==> flow/design.v <==
module u_times_mod #(
    parameter WIDTH = 7,
    parameter GUARD = 2
) (
    input wire clk,
    input wire resetn,
    input wire [WIDTH-1:0] op_a_i,
    input wire [WIDTH-1:0] op_b_i,
    input wire start_i,
    output wire [2*WIDTH+GUARD-1:0] mul_o
);
    wire [2*WIDTH-1:0] val;
    assign val = op_a_i * op_b_i;
    reg [2*WIDTH+GUARD-1:0] total;
    always @(posedge clk) begin
        if (!resetn) begin
            total <= 0;
        end else begin
            total <= start_i ? val : total + val;
        end
    end
    assign mul_o = total;
endmodule
* Step by step through the tools: u_times_mod
What the tools print for u_times_mod, step after step.
Line numbers count from 1 in the design file above.
Operators carry their Yosys type and port widths (W data, S select, Z words).
Cell names lack the library's common part.
A cell with -- has no value.
- Top :: u_times_mod
- Clock :: clk
- Cell library :: sky130hd
- Library corner :: tt_025C_1v80

* Elaborated design
Counts by Yosys on the flattened word-level netlist (proc, flatten, opt, wreduce; memories kept). Register bits leave out memories and registers merged into their read ports (data or address); mux counts leave out enables and synchronous resets folded into registers. Print and check cells are left out. Cells with the same type and inputs are merged into one.
- Flip-flop bits (word level) :: 16
- Bits in latches :: 0
- Memory bits (writable) :: 0
- ROM bits :: 0
- Clocked read ports x word width :: 0
- Memories :: 0
- Input port bits :: 17
- Output and inout port bits :: 16
- Cells after elaboration :: 7
- Add/sub/neg operators :: 1
- $mul :: 1
- Divide/modulo/power cells :: 0
- Magnitude comparators :: 0
- Equality and inequality tests :: 0
- Shift operators :: 0
- Mux-type cells :: 1
- Bitwise gates (word level) :: 1
- Reduce/logical cells :: 1
** Operators by type and width (number)
- $mul A7 B7 Y14 :: 1
- $add A16 B14 Y16 :: 1
- $mux W14 :: 1
- $reduce_or A2 Y1 :: 1
- $not A1 Y1 :: 1

* Longest topological paths
Longest topological path by Yosys (ltp), each cell counted once; first at word level (registers and memories cut), then after technology mapping (sequential cells cut; the memories' decode and read muxes count).
- Depth after elaboration :: 3
- ABC_AREA :: 0
- Depth in mapped cells :: 22
- Mapped depth without buffers :: 22

* Mapped cells and area
The flow's flattened synthesis, as Yosys stat reports it; memories are mapped. The netlist is that of the ABC_AREA named above (0 if unset); the other value can give another one.
The area totals of this step are shown rounded.
** Cells by type
- ha_1 :: number 46, total area 575.552 um^2
- fa_1 :: number 25, total area 500.48 um^2
- dfxtp_1 :: number 16, total area 320.307 um^2
- and2_1 :: number 38, total area 237.728 um^2
- nand2_1 :: number 34, total area 127.622 um^2
- a21oi_1 :: number 22, total area 110.106 um^2
- inv_1 :: number 27, total area 101.347 um^2
- xnor2_1 :: number 11, total area 96.342 um^2
- nor2_1 :: number 20, total area 75.072 um^2
- mux2i_1 :: number 7, total area 70.067 um^2
- xor2_1 :: number 8, total area 70.067 um^2
- o21ai_0 :: number 8, total area 40.038 um^2
- nand3_1 :: number 6, total area 30.029 um^2
- a21oi_2 :: number 3, total area 26.275 um^2
- a221oi_4 :: number 1, total area 26.275 um^2
- or3_1 :: number 4, total area 25.024 um^2
- a21o_1 :: number 3, total area 22.522 um^2
- o21a_1 :: number 3, total area 22.522 um^2
Other cell types: 33; their cells: 48.
- Cells in the netlist :: 330
- Synthesis area :: 2800 um^2
- Area of sequential cells :: 320 um^2
- Flip-flops :: 16
- Buffer cells :: 4

* Worst setup path after synthesis
Path of least setup slack by OpenSTA after synthesis, without wires, with an ideal clock, recovery checks aside; 20% of the period is set as input and as output delay. Where synthesis merged equal registers, the netlist keeps one of their names.
- Kind :: input-to-reg
- Start point :: input op_a_i[3]
- End point :: register total[12]
- Clock period :: 7.9 ns
- External input delay :: 1.580 ns
- Setup time :: 0.127 ns
- Launch time at the first pin :: 1.580 ns
- Data arrival time :: 6.508 ns
- Data required time :: 7.773 ns
- Setup slack :: 1.265 ns
- Path delay :: 5.055 ns
- Driving pins on the path :: 22
- Buffers on the path :: 0
- Synthesis period reached :: 6.635 ns
"path delay" is the arrival time less input delay plus setup time.
"driving pins on the path" counts driving pins, that of a launching flip-flop among them; a cell with two outputs on the path counts twice.
"synthesis period reached" = period - worst setup slack (recovery checks aside). The figure is calculated, with input and output delays left at 20% of the set period.
Between the ends stands the longest chain of elaborated cells between them, by number of cells; it is not shown to be the way that was timed. Of several equally long chains one is given.
A line is the first line of the expression or statement that the cell stems from. Yosys adds cells for indexed reads and writes and turns some case tables into memories.
- Cells stage by stage :: and2_1 fa_1 inv_1 fa_1 inv_1 fa_1 inv_1 fa_1 inv_1 ha_1 o21a_1 o31a_4 o31a_1 o22a_1 xor2_1 ha_1 nand2_1 nor2_1 a221o_1 a21oi_1 nor4_1 or3_1
- Cells in the longest elaborated chain :: 3
- Elaborated cells between the ends (all ways) :: 3
- Source lines of those cells :: 2
- Those cells by class :: add/sub: 1; mul: 1; mux: 1
** Ends and longest elaborated chain, after synthesis
- start: declaration :: line 7 : input wire [WIDTH-1:0] op_a_i,
- $mul A7 B7 Y14 :: line 13 : assign val = op_a_i * op_b_i;
- $add A16 B14 Y16 :: line 19 : total <= start_i ? val : total + val;
- $mux W14 :: line 19
- end: assignment :: line 17 : total <= 0;
- end: assignment :: line 19
- end: declaration :: line 14 : reg [2*WIDTH+GUARD-1:0] total;

* Timing after layout
Path of least setup slack in the final report of job 1 (OpenROAD, finished layout, wires in). Where an end is a register, its clock arrival counts in the times.
- Kind :: input-to-reg
- Start point :: input op_a_i[3]
- End point :: register total[12]
- Clock period :: 8.32 ns
- External input delay :: 1.66 ns
- Setup time :: 0.11 ns
- Launch time at the first pin :: 1.66 ns
- Data arrival time :: 7.20 ns
- Data required time :: 8.46 ns
- Setup slack :: 1.26 ns
- Driving pins on the path :: 22
- Buffers on the path :: 1
Between the ends stands the longest chain of elaborated cells between them, by number of cells; it is not shown to be the way that was timed. Of several equally long chains one is given.
- Cells stage by stage :: dlygate4sd2_1 and2_1 fa_1 inv_1 fa_1 inv_1 fa_1 inv_1 fa_1 inv_1 ha_4 nand3_1 o2111a_1 o2bb2ai_1 xnor2_1 ha_2 a21oi_2 nand2_1 a221o_1 a21oi_1 nor4_1 or3_1
- Cells in the longest elaborated chain :: 3
- Elaborated cells between the ends (all ways) :: 3
- Source lines of those cells :: 2
- Those cells by class :: add/sub: 1; mul: 1; mux: 1
** Ends and longest elaborated chain, post-layout
- start: declaration :: line 7 : input wire [WIDTH-1:0] op_a_i,
- $mul A7 B7 Y14 :: line 13 : assign val = op_a_i * op_b_i;
- $add A16 B14 Y16 :: line 19 : total <= start_i ? val : total + val;
- $mux W14 :: line 19
- end: assignment :: line 17 : total <= 0;
- end: assignment :: line 19
- end: declaration :: line 14 : reg [2*WIDTH+GUARD-1:0] total;

Lab notebook: u_times_mod

Flow measurements of u_times_mod on sky130hd: 3 stored runs with different settings, listed in no order. Input and output delays are each 20% of the period that was set; the output load is 0.01 pF.
"clock period reached" is the run's clock period less its worst setup slack. It is reckoned from that one timing run; input and output delays stay at 20% of the period that was set.
By "allowed time less slack (worst setup path)" is meant the share of the clock period that the worst setup path is allowed (20% is reserved at inputs, 20% at outputs), minus its slack. Clock arrival times at its registers enter into it.
Measured values are rounded.

** Job 1
- Settings :: period_ns=8.32; CORE_UTILIZATION=53; SETUP_SLACK_MARGIN=1.03; PLACE_DENSITY_LB_ADDON=0.06; CELL_PAD_IN_SITES_DETAIL_PLACEMENT=1; TNS_END_PERCENT=25; ABC_AREA=0; CTS_CLUSTER_SIZE=52; CTS_CLUSTER_DIAMETER=96; MAX_ROUTING_LAYER=met5; CAP_MARGIN=20; CORE_MARGIN=2; SLEW_MARGIN=20
- Post-synthesis cell area :: 2,800 um^2
- Setup slack of the critical path :: 1.3 ns
- Full die area :: 6,000 um^2
- Clock period reached :: 7.062 ns
- Final setup TNS :: 0.000 ns
- Worst hold slack in the final report :: 0.48 ns
- Allowed time less slack (worst setup path) :: 5.40 ns
- Critical path kind :: input-to-reg
- Standard-cell area after routing :: 3,300 um^2

** Job 2
- Settings :: period_ns=10.4; CORE_UTILIZATION=23; SETUP_SLACK_MARGIN=-0.2; PLACE_DENSITY=0.54; CELL_PAD_IN_SITES_GLOBAL_PLACEMENT=2; CTS_CLUSTER_DIAMETER=261; CAP_MARGIN=20; CORE_MARGIN=2; SLEW_MARGIN=20
- Clock period reached :: 7.800 ns
- Worst hold slack in the final report :: 0.47 ns
- Full die area :: 13,000 um^2
- Allowed time less slack (worst setup path) :: 5.72 ns
- Critical path kind :: input-to-reg
- Setup slack of the critical path :: 2.6 ns
- Standard-cell area after routing :: 3,500 um^2
- Final setup TNS :: 0.000 ns
- Post-synthesis cell area :: 2,800 um^2

** Job 3
- Settings :: period_ns=7.9; CAP_MARGIN=20; CORE_MARGIN=2; CORE_UTILIZATION=40; SLEW_MARGIN=20
- Post-synthesis cell area :: 2,800 um^2
- Allowed time less slack (worst setup path) :: 5.66 ns
- Critical path kind :: input-to-reg
- Full die area :: 7,800 um^2
- Clock period reached :: 7.239 ns
- Final setup TNS :: 0.000 ns
- Standard-cell area after routing :: 3,300 um^2
- Setup slack of the critical path :: 0.66 ns
- Worst hold slack in the final report :: 0.48 ns
